==> flow/design.v <==
module cpu_reg_bank_n #(
   parameter ENTRIES = 64,
   parameter DW = 10,
   parameter ABITS = $clog2(ENTRIES)
) (
   input clock,
   input step,
   input load,
   input [ABITS-1:0] wsel,
   input [DW-1:0] wdata,
   input [ABITS-1:0] raddr,
   output [DW-1:0] read_data
);
   reg [DW-1:0] mem [ENTRIES-1:0];
   always @(posedge clock) begin
      if (step && load)
         mem[wsel] <= wdata;
   end
   assign read_data = mem[raddr];
endmodule
Step by step through the tools: cpu_reg_bank_n --
The steps from the RTL of cpu_reg_bank_n to its reports follow in flow order. Lines are those of the file above, counted from 1. Operators carry their Yosys type and port widths (W data, S select, Z words). Library cell names are shortened. A cell with - has no value.
Inputs: top cpu_reg_bank_n, clock clock, standard-cell library sky130hd, corner tt_025C_1v80

Word-level counts --
Source: Yosys, flattened and elaborated, memories not mapped. Widths are those after wreduce; folded enables and synchronous resets count as part of the registers. Registers that Yosys merges into a memory's read port (data or address) are not register bits. Print and check cells do not count. Equal cells are merged and count once. Memory sizes are those after Yosys's memory passes, which may raise the word count (mostly to a power of two), join words into wider ones and drop unused or constant bits.
Storage and ports: memories 1, output and inout port bits 10, input port bits 25, elaborated cells 5, bits in latches 0, word width x clocked read ports 0, bits in registers 0, bits in writable memories 640, bits in read-only memories 0
Memories:
- mem | words 64, width 10, rd ports 1, wr ports 1, RTL line 14 | reg [DW-1:0] mem [ENTRIES-1:0];
Operators by class: div/mod/pow operators 0, equal/unequal tests 0, magnitude comparators 0, reduce/logical cells 1, shift operators 0, bitwise operators 0, add/sub/neg operators 0, multiplexer cells 3, multiply operators 0
Operators with widths (number):
- $mux W10 | 1
- $mux W6 | 1
- $logic_and A1 B1 Y1 | 1
- $mux W1 | 1

Depth --
Depth = most cells in a row (Yosys ltp): at word level without a register or memory, in the mapped netlist without a sequential cell, where the memories' decode and read muxes count.
Logic depth: depth in word-level cells 2, ABC_AREA 0, mapped depth 9, mapped depth without buffers 5

Netlist --
Source: synth_stat.txt of the flow (Yosys; design flattened, memories mapped). It holds for the ABC_AREA given above (unset counts as 0); a run with the other value may have another netlist. Totals and module areas in this step are rounded.
Cells by type:
- edfxtp_1 | number 640, area in all 1.92E+04 µm²
- mux4_2 | number 158, area in all 3.56E+03 µm²
- mux2i_1 | number 40, area in all 400.384 µm²
- nor2_1 | number 89, area in all 334.07 µm²
- nand2_1 | number 30, area in all 112.608 µm²
- a211oi_1 | number 13, area in all 97.594 µm²
- buf_4 | number 13, area in all 97.594 µm²
- buf_2 | number 16, area in all 80.077 µm²
- clkbuf_1 | number 21, area in all 78.826 µm²
- mux2_2 | number 7, area in all 78.826 µm²
- o221ai_1 | number 8, area in all 70.067 µm²
- o22ai_1 | number 11, area in all 68.816 µm²
- buf_6 | number 6, area in all 67.565 µm²
- a21oi_1 | number 9, area in all 45.043 µm²
- a221o_1 | number 4, area in all 40.038 µm²
- a211o_1 | number 4, area in all 35.034 µm²
- nand3_1 | number 7, area in all 35.034 µm²
- o2111ai_1 | number 4, area in all 35.034 µm²
Not listed: further types 20, cells in them 58.
Mapped netlist: cells in the netlist 1138, area of sequential cells 19200 µm², mapped flip-flops 640, buffer cells 63, chip area (Yosys) 24800 µm²

Timing after synthesis --
OpenSTA on the mapped netlist: ideal clock, no wires. The path of least setup slack (recovery checks aside). Input and output delay are each 20% of the period. Register names are those of the netlist, which keeps one name where synthesis merged equal registers.
Timing post-synthesis: path kind input port to output port, start input port raddr[0], end output port read_data[8], launch time at the first pin 0.656 ns, stages on the path 8, slack 0.393 ns, input delay 0.656 ns, clock period 3.28 ns, output delay 0.656 ns, arrival 2.231 ns, path buffers 3, data required time 2.624 ns, delay of the path 1.575 ns, synthesis period reached 2.887 ns
"delay of the path" is the arrival time less input delay plus setup time. A path that ends at an output port has no setup time. "stages on the path" counts driving pins, that of a launching flip-flop among them; a cell with two outputs on the path counts twice. "synthesis period reached" = period - worst setup slack (recovery checks aside). The figure is calculated, with input and output delays left at 20% of the set period. The rows between start and end are the longest chain of elaborated cells between them; the timing report does not say that the signal goes this way. Where chains are equally long, one stands for them. Each line given opens the expression or statement behind the cell; cells for indexed reads and writes are added by Yosys, which also makes memories of some case tables. A memory read counts as a cell of the chain, while the word-level depth stops at memories.
Between the ends, post-synthesis: path through buf_4 > buf_4 > buf_2 > mux4_2 > mux2i_1 > nand2_1 > o2111ai_1 > o41ai_1, length of the longest elaborated chain 1, elaborated cells between the ends (all ways) 1, source lines of those cells 1, those cells by class memory (1)
Ends and longest elaborated chain, post-synthesis:
- start, declared | RTL line 11 | input [ABITS-1:0] raddr,
- $mem_v2 Z64 W10 | RTL line 14 | reg [DW-1:0] mem [ENTRIES-1:0];
- end, declared | RTL line 12 | output [DW-1:0] read_data

Timing after layout --
Path of least setup slack in the final report of stored run 1 (OpenROAD, finished layout, wires in). Where an end is a register, its clock arrival counts in the times.
Timing post-layout: path kind flip-flop to output port, start memory mem[55][8], end output port read_data[8], launch time at the first pin 0.60 ns, stages on the path 6, slack -0.70 ns, path buffers 1, data required time 1.95 ns, output delay 0.49 ns, arrival 2.65 ns, clock period 2.44 ns
The rows between start and end are the longest chain of elaborated cells between them; the timing report does not say that the signal goes this way. Where chains are equally long, one stands for them. A memory read counts as a cell of the chain, while the word-level depth stops at memories.
Between the ends, post-layout: path through edfxtp_1 > mux4_2 > mux4_2 > o2111ai_4 > o41ai_4 > buf_2, length of the longest elaborated chain 1, elaborated cells between the ends (all ways) 1, source lines of those cells 1, those cells by class memory (1)
Ends and longest elaborated chain, post-layout:
- start, declared | RTL line 14 | reg [DW-1:0] mem [ENTRIES-1:0];
- $mem_v2 Z64 W10 | RTL line 14
- end, declared | RTL line 12 | output [DW-1:0] read_data

--- measured runs ---
Measured data: module cpu_reg_bank_n, platform sky130hd, 3 stored runs of the flow under differing settings, order arbitrary. Input and output delays are each 20% of the period that was set; the output load is 0.01 pF.
"period achieved": clock period set for the run, less the worst setup slack. It is reckoned from that one timing run; input and output delays stay at 20% of the period that was set.
"time used up by the worst setup path" is the time allowed to the run's worst setup path (the clock period less input and output delay, where it has them) less its slack. Clock arrival times count: a late capture clock shortens it, a late launch clock lengthens it.
By "total power of the final layout" is meant OpenSTA's value without simulated activity: inputs other than the clock are taken to toggle once in ten clock periods, and the tool carries that through the logic.
Results are given in rounded form.

* Stored run 1 | settings: period_ns 2.44; CORE_UTILIZATION 29; SETUP_SLACK_MARGIN 0.05; PLACE_DENSITY_LB_ADDON 0.23; TNS_END_PERCENT 95; ABC_AREA 0; GPL_TIMING_DRIVEN 0; GPL_ROUTABILITY_DRIVEN 1; CAP_MARGIN 15; CORE_MARGIN 2; SLEW_MARGIN 20 | results: time used up by the worst setup path 2.65 ns; worst path kind flip-flop to output port; worst hold slack after layout 0.376 ns; period achieved 3.138 ns; std-cell area (final layout) 30600 µm²; total negative setup slack -5.48 ns; worst setup slack after layout -0.698 ns; post-layout utilization 0.36; total power of the final layout 23700 uW; area of the synthesized netlist 24800 µm²; die footprint 87900 µm²
* Stored run 2 | settings: period_ns 1.7; CORE_UTILIZATION 51; PLACE_DENSITY_LB_ADDON 0.16; HOLD_SLACK_MARGIN -0.05; CORE_ASPECT_RATIO 1.0; CORE_MARGIN 7; CELL_PAD_IN_SITES_DETAIL_PLACEMENT 1; MAX_ROUTING_LAYER met5; CAP_MARGIN 20; SLEW_MARGIN 20 | results: total power of the final layout 34500 uW; time used up by the worst setup path 2.53 ns; worst path kind flip-flop to output port; period achieved 2.865 ns; area of the synthesized netlist 24800 µm²; post-layout utilization 0.641; die footprint 55000 µm²; total negative setup slack -10.7 ns; std-cell area (final layout) 30700 µm²; worst hold slack after layout 0.130 ns; worst setup slack after layout -1.17 ns
* Stored run 3 | settings: period_ns 3.28; CAP_MARGIN 20; CORE_MARGIN 2; CORE_UTILIZATION 40; SLEW_MARGIN 20 | results: total power of the final layout 17600 uW; total negative setup slack -0.014 ns; std-cell area (final layout) 30500 µm²; worst hold slack after layout 0.521 ns; die footprint 64100 µm²; period achieved 3.293 ns; worst setup slack after layout -0.013 ns; post-layout utilization 0.496; time used up by the worst setup path 2.64 ns; worst path kind flip-flop to output port; area of the synthesized netlist 24800 µm²
--- end ---
